==> flow/design.v <==
module cmp_unit (clk, clk_en, in_da, in_db, out_below, out_equal, out_above);
  parameter integer WIDTH = 14;
  input clk;
  input clk_en;
  input [WIDTH-1:0] in_da;
  input [WIDTH-1:0] in_db;
  output reg out_below;
  output reg out_equal;
  output reg out_above;
  always @(posedge clk) begin
    if (clk_en) begin
      out_below <= (in_da < in_db);
    end
  end
  always @(posedge clk) begin
    if (clk_en) begin
      out_equal <= (in_da == in_db);
    end
  end
  always @(posedge clk) begin
    if (clk_en) begin
      out_above <= (in_da > in_db);
    end
  end
endmodule
======== Step by step through the tools: cmp_unit ========
Tool output for the design above, in the order of the flow.
Lines are those of the file above, counted from 1.
Cell names lack the library's common part.
Not given: --
set-up
  design top .............................. cmp_unit
  clock input ............................. clk
  standard-cell library ................... sky130hd
  corner .................................. tt_025C_1v80

======== Word level ========
Counts by Yosys on the flattened word-level netlist (proc, flatten, opt, wreduce; memories kept). Register bits leave out memories and registers merged into their read ports (data or address); mux counts leave out enables and synchronous resets folded into registers. Print and check cells are left out. Cells with the same type and inputs are merged into one.
storage and ports
  output and inout port bits .............. 3
  bits of input ports ..................... 30
  flip-flop bits (word level) ............. 3
operators by class
  magnitude comparators ................... 2
  eq/ne operators ......................... 1
operators with widths
  kind                            count
  14-bit greater-than comparator  1
  14-bit less-than comparator     1
  14-bit equality test            1

======== Logic depth ========
Depth = most cells in a row (Yosys ltp): at word level without a register or memory, in the mapped netlist without a sequential cell, where the memories' decode and read muxes count.
logic depth
  depth after elaboration ................. 1
  ABC_AREA ................................ 0
  depth in mapped cells ................... 6

======== Mapped cells and area ========
Yosys stat after the flow's synthesis: flattened, memories mapped to cells. It holds for the ABC_AREA given above (unset counts as 0); a run with the other value may have another netlist.
Totals and module areas in this step are rounded.
cell types
  cell type  count  area in all (um^2)
  ha_1       14     175.168
  edfxtp_1   3      90.086
  inv_1      14     52.55
  a21oi_1    6      30.029
  nand4_1    3      18.768
  nand2_1    3      11.261
  o221a_2    1      11.261
  a311o_1    1      10.01
  a21o_1     1      7.507
  o21a_1     1      7.507
  o21bai_1   1      7.507
  and2_1     1      6.256
  nor2b_1    1      6.256
  nor4_1     1      6.256
  nand3_1    1      5.005
synthesis totals
  cell count .............................. 52
  cell area after synthesis ............... 450 um^2
  flip-flops .............................. 3
  buffers ................................. 0

======== Worst setup path after synthesis ========
Source: OpenSTA report_checks on the synthesized netlist (no wires, ideal clock, input and output delay 20% of the period each), path of least setup slack; recovery checks are left aside. Register names are those of the netlist, which keeps one name where synthesis merged equal registers.
timing after synthesis
  kind .................................... input to register
  start ................................... input port in_db[5]
  end ..................................... register out_below
  setup time .............................. 255 ps
  stages .................................. 6
  buffers on the path ..................... 0
  period .................................. 1890 ps
  delay of the path ....................... 1208 ps
  slack ................................... 304 ps
  arrival time ............................ 1331 ps
  launch time at the first pin ............ 378 ps
  synthesis period reached ................ 1586 ps
"delay of the path" = arrival - input delay + setup time.
"stages": output pins that drive a net of the path, with the launching flip-flop's if there is one; two outputs of one cell count as two.
"synthesis period reached" = period - worst setup slack (recovery checks aside). The figure is calculated, with input and output delays left at 20% of the set period.
The rows between start and end are the longest chain of elaborated cells between them; the timing report does not say that the signal goes this way. Where chains are equally long, one stands for them.
A line is the first line of the expression or statement that the cell stems from. Yosys adds cells for indexed reads and writes and turns some case tables into memories.
between the ends, after synthesis
  path through ............................ inv_1 -> ha_1 -> nand4_1 -> o21bai_1 -> a311o_1 -> and2_1
  length of the longest elaborated chain .. 1
  elaborated cells on any way between the ends .. 1
  source lines of those cells ............. 1
  classes of those cells .................. 1 x compare
RTL lines, path after synthesis
  what                         line  RTL
  start: declaration           6     input [WIDTH-1:0] in_db;
  14-bit less-than comparator  12    out_below <= (in_da < in_db);
  end: assignment              12
  end: declaration             7     output reg out_below;

======== Worst path after layout ========
Path of least setup slack in the final report of run B (OpenROAD, finished layout, wires in). Where an end is a register, its clock arrival counts in the times.
The path's times are printed in steps of 10 ps; the period is the one set.
timing after layout
  kind .................................... input to register
  start ................................... input port in_db[9]
  end ..................................... register out_below
  slack ................................... -20 ps
  stages .................................. 7
  setup time .............................. 250 ps
  arrival time ............................ 1910 ps
  period .................................. 1890 ps
  launch time at the first pin ............ 380 ps
  buffers on the path ..................... 1
The rows between start and end are the longest chain of elaborated cells between them; the timing report does not say that the signal goes this way. Where chains are equally long, one stands for them.
between the ends, after layout
  path through ............................ clkdlybuf4s50_1 -> inv_1 -> ha_1 -> nand2_1 -> o21a_1 -> o221a_2 -> and2_1
  length of the longest elaborated chain .. 1
  elaborated cells on any way between the ends .. 1
  source lines of those cells ............. 1
  classes of those cells .................. 1 x compare
RTL lines, path after layout
  what                         line  RTL
  start: declaration           6     input [WIDTH-1:0] in_db;
  14-bit less-than comparator  12    out_below <= (in_da < in_db);
  end: assignment              12
  end: declaration             7     output reg out_below;

Lab notebook: cmp_unit

Measured data: module cmp_unit, platform sky130hd, 3 stored runs of the flow under differing settings, order arbitrary. Input and output delays are each 20% of the period that was set; the output load is 0.01 pF.
"clock period achieved" is the run's clock period less its worst setup slack. It is reckoned from that one timing run; input and output delays stay at 20% of the period that was set.
The measured numbers are rounded.

---- run A ----
settings
  period_ns = 2.33
  CORE_UTILIZATION = 69
  PLACE_DENSITY_LB_ADDON = 0.23
  CELL_PAD_IN_SITES_DETAIL_PLACEMENT = 0
  ABC_AREA = 0
  GPL_TIMING_DRIVEN = 1
  CAP_MARGIN = 20
  MAX_ROUTING_LAYER = met5
  CORE_MARGIN = 2
  SLEW_MARGIN = 20
results
  unfinished; error PDN-0185 in floorplanning

---- run B ----
settings
  period_ns = 1.89
  CAP_MARGIN = 20
  CORE_MARGIN = 2
  CORE_UTILIZATION = 40
  SLEW_MARGIN = 20
results
  synthesized cell area ................... 450 um^2
  die outline area ........................ 1400 um^2
  standard-cell area after layout ......... 960 um^2
  final utilization ....................... 90 %
  lowest setup slack ...................... -24 ps
  clock period achieved ................... 1914 ps

---- run C ----
settings
  period_ns = 1.8
  CORE_UTILIZATION = 50
  SETUP_SLACK_MARGIN = 0.01
  PLACE_DENSITY = 0.51
  TNS_END_PERCENT = 5
  ABC_AREA = 0
  CTS_CLUSTER_DIAMETER = 399
  MIN_ROUTING_LAYER = met2
  MAX_ROUTING_LAYER = met4
  CAP_MARGIN = 20
  CORE_MARGIN = 2
  SLEW_MARGIN = 20
results
  unfinished; error PDN-0185 in floorplanning
